==> flow/design.v <==
module pp_row #(parameter N = 4) (
  input wire [N-1:0] a,
  input wire sel,
  input wire [N-1:0] pin,
  output wire [N:0] pout
);
  assign pout = pin + (a & {N{sel}});
endmodule
module gen_times #(
  parameter integer WD = 6
) (
  input CLK,
  input [WD-1:0] i_op_a,
  input [WD-1:0] i_op_b,
  output reg [2*WD-1:0] o_q
);
  reg [WD-1:0] op_a_reg;
  always @(posedge CLK)
    op_a_reg <= i_op_a;
  reg [WD-1:0] op_b_reg;
  always @(posedge CLK)
    op_b_reg <= i_op_b;
  wire [WD:0] nd [0:WD];
  wire [WD-1:0] low;
  assign nd[0] = 0;
  genvar ii;
  generate
    for (ii = 0; ii < WD; ii = ii + 1) begin : g_bit
      pp_row #(.N(WD)) el (.a(op_a_reg), .sel(op_b_reg[ii]), .pin(nd[ii][WD:1]), .pout(nd[ii+1]));
      assign low[ii] = nd[ii+1][0];
    end
  endgenerate
  always @(posedge CLK)
    o_q <= {nd[WD][WD:1], low};
endmodule
* Reports on gen_times *
Tool output for the design above, in the order of the flow.
Lines are those of the file above, counted from 1.
Cell names lack the library's common part.
The mark n/a stands for no value.

design
  top module = gen_times
  clock = CLK
  cell library = sky130hd
  timing corner = tt_025C_1v80

* After elaboration *
Counts by Yosys on the flattened word-level netlist (proc, flatten, opt, wreduce; memories kept). Register bits leave out memories and registers merged into their read ports (data or address); mux counts leave out enables and synchronous resets folded into registers. Print and check cells are left out. Cells with the same type and inputs are merged into one.

operators by class
  add/sub/neg operators = 5
  bitwise logic cells = 6

operators by type and width
  operator                                number
  6-bit AND                               6
  6-bit by 7-bit adder with 7-bit output  4
  5-bit by 7-bit adder with 7-bit output  1

bit counts
  word-level cells = 14
  register bits = 24
  output and inout bits = 12
  input port bits = 13

* Logic depth *
Longest topological path by Yosys (ltp), each cell counted once; first at word level (registers and memories cut), then after technology mapping (sequential cells cut; the memories' decode and read muxes count).

logic depth
  depth after elaboration = 6
  ABC_AREA = 0
  mapped depth = 25
  gate-level depth less buffers = 25

* Mapped cells and area *
Yosys stat after the flow's synthesis: flattened, memories mapped to cells. It holds for the ABC_AREA given above (unset counts as 0); a run with the other value may have another netlist.

mapped netlist
  buffers = 0
  chip area (Yosys) = 1,771.7 µm²
  standard cells after synthesis = 185
  mapped flip-flops = 24
  area of sequential cells = 480.5 µm²

cells by type
  cell      number  area in all (µm²)
  dfxtp_1   24      480.461
  ha_1      29      362.848
  and2_1    33      206.448
  xnor2_1   12      105.101
  fa_1      5       100.096
  o21ai_0   13      65.062
  a211oi_2  5       62.56
  a21o_1    7       52.55
  a21oi_1   10      50.048
  o21bai_1  5       37.536
  xor2_1    4       35.034
  a211oi_1  4       30.029
  inv_1     8       30.029
  a21oi_2   3       26.275
  nand2b_1  4       25.024
  nor2_1    6       22.522
  o31a_1    2       17.517
  o21a_1    2       15.014

Other cell types: 5; their cells: 9.
The figures by module come from a second, unflattened synthesis with its own total; it is not the netlist above.

second synthesis, totals
  cells (unflattened synthesis) = 229
  area total of the unflattened synthesis = 2,150.8 µm²

Rows give one instance, submodules left out.

modules
  module        seq. area (µm²)  instances  cells  area (µm²)
  pp_row (N=6)  0.0              6          34     277.8
  gen_times     480.5            1          25     484.2

* Worst setup path after synthesis *
Path of least setup slack by OpenSTA after synthesis, without wires, with an ideal clock, recovery checks aside; 20% of the period is set as input and as output delay. Where synthesis merged equal registers, the netlist keeps one of their names.

timing after synthesis
  path type = reg2reg
  start = register op_a_reg[1]
  end = register o_q[11]
  setup time = 0.117 ns
  clock period = 5.76 ns
  driving pins on the path = 19
  required time = 5.643 ns
  path delay = 4.610 ns
  path buffers = 0
  time at the first pin = 0.000 ns
  path slack = 1.150 ns
  arrival = 4.493 ns
  synthesis period reached = 4.61 ns

"path delay" = arrival - input delay + setup time.
"driving pins on the path": output pins that drive a net of the path, with the launching flip-flop's if there is one; two outputs of one cell count as two.
"synthesis period reached" = period - worst setup slack (recovery checks aside). The figure is calculated, with input and output delays left at 20% of the set period.
The rows between start and end are the longest chain of elaborated cells between them; the timing report does not say that the signal goes this way. Where chains are equally long, one stands for them.
A line is the first line of the expression or statement that the cell stems from. Yosys adds cells for indexed reads and writes and turns some case tables into memories.

on the way, after synthesis
  cells stage by stage = dfxtp_1 > and2_1 > ha_1 > fa_1 > ha_1 > fa_1 > xor2_1 > inv_1 > fa_1 > xnor2_1 > inv_1 > fa_1 > inv_1 > ha_1 > fa_1 > a211oi_1 > nor2_1 > o21ai_0 > nand2b_1
  length of the longest elaborated chain = 6
  elaborated cells on any way between the ends = 11
  source lines of those cells = 1
  classes of those cells = add/sub: 5; logic: 6

RTL lines, path after synthesis
  element                                    line  source
  from (decl)                                17    reg [WD-1:0] op_a_reg;
  from (assign)                              19    op_a_reg <= i_op_a;
  6-bit AND                                  7     assign pout = pin + (a & {N{sel}});
  5-bit by 7-bit adder with 7-bit output     7
  6-bit by 7-bit adder with 7-bit output x4  7
  to (assign)                                34    o_q <= {nd[WD][WD:1], low};
  to (decl)                                  15    output reg [2*WD-1:0] o_q

* Worst path after layout *
From the final timing report of run 1: the path of least setup slack in the routed layout; clock arrival at registers is part of the times.

timing after layout
  path type = reg2reg
  start = register op_b_reg[1]
  end = register o_q[9]
  time at the first pin = 0.27 ns
  path slack = -0.20 ns
  driving pins on the path = 24
  required time = 4.54 ns
  setup time = 0.10 ns
  arrival = 4.74 ns
  path buffers = 3
  clock period = 4.37 ns

The rows between start and end are the longest chain of elaborated cells between them; the timing report does not say that the signal goes this way. Where chains are equally long, one stands for them.

on the way, after layout
  cells stage by stage = dfxtp_2 > and2_4 > ha_4 > fa_2 > buf_4 > xor2_4 > fa_2 > a21o_1 > a211oi_2 > nor2_1 > ha_1 > o21ai_1 > o21bai_1 > a21oi_2 > xnor2_1 > ha_1 > o21a_1 > o31a_1 > a21oi_2 > ha_4 > buf_4 > buf_6 > a211oi_2 > nor2_1
  length of the longest elaborated chain = 6
  elaborated cells on any way between the ends = 6
  source lines of those cells = 1
  classes of those cells = add/sub: 5; logic: 1

RTL lines, path after layout
  element                                    line  source
  from (decl)                                20    reg [WD-1:0] op_b_reg;
  from (assign)                              22    op_b_reg <= i_op_b;
  6-bit AND                                  7     assign pout = pin + (a & {N{sel}});
  5-bit by 7-bit adder with 7-bit output     7
  6-bit by 7-bit adder with 7-bit output x4  7
  to (assign)                                34    o_q <= {nd[WD][WD:1], low};
  to (decl)                                  15    output reg [2*WD-1:0] o_q

Record of 3 stored runs of the RTL-to-layout flow on gen_times, platform sky130hd. The runs are unordered. Constraints: input delay and output delay 20% of the set period each, output load 0.01 pF.
"achieved period" is the run's clock period less its worst setup slack. It is reckoned from that one timing run; input and output delays stay at 20% of the period that was set.
By "time used up by the worst setup path" is meant the share of the clock period that the worst setup path is allowed (20% is reserved at inputs, 20% at outputs), minus its slack. Clock arrival times at its registers enter into it.
"total design power": no workload was simulated; the value follows from the tool's default switching activity.
Among the settings, . means not set for that run.

setting or result                             run 1    run 2    run 3
period_ns                                     4.37     5.76     7.64
CORE_UTILIZATION                              28       40       67
SETUP_SLACK_MARGIN                            0.76     .        .
PLACE_DENSITY_LB_ADDON                        0.11     .        0.14
CELL_PAD_IN_SITES_GLOBAL_PLACEMENT            3        .        .
TNS_END_PERCENT                               85       .        .
CTS_CLUSTER_SIZE                              64       .        25
CAP_MARGIN                                    25       20       20
SLEW_MARGIN                                   10       20       40
MAX_ROUTING_LAYER                             met5     .        met5
CORE_MARGIN                                   2        2        2
CORE_ASPECT_RATIO                             .        .        1.04
GPL_TIMING_DRIVEN                             .        .        1
mapped cell area after synthesis (µm²)        1,771.7  1,771.7  1,771.7
overall die area (µm²)                        6,979.8  4,977.3  3,071.8
standard-cell area of the final layout (µm²)  2,743.9  2,148.3  2,103.3
utilization in the final report (%)           45.5     49.7     81.9
smallest setup slack (ns)                     -0.204   0.723    2.542
setup TNS (ns)                                -0.634   0.000    0.000
final worst hold slack (ns)                   0.499    0.539    0.534
total design power (uW)                       1,198    730.8    531.2
achieved period (ns)                          4.574    5.037    5.098
time used up by the worst setup path (ns)     4.57     5.04     5.10
class of the worst setup path                 reg2reg  reg2reg  reg2reg
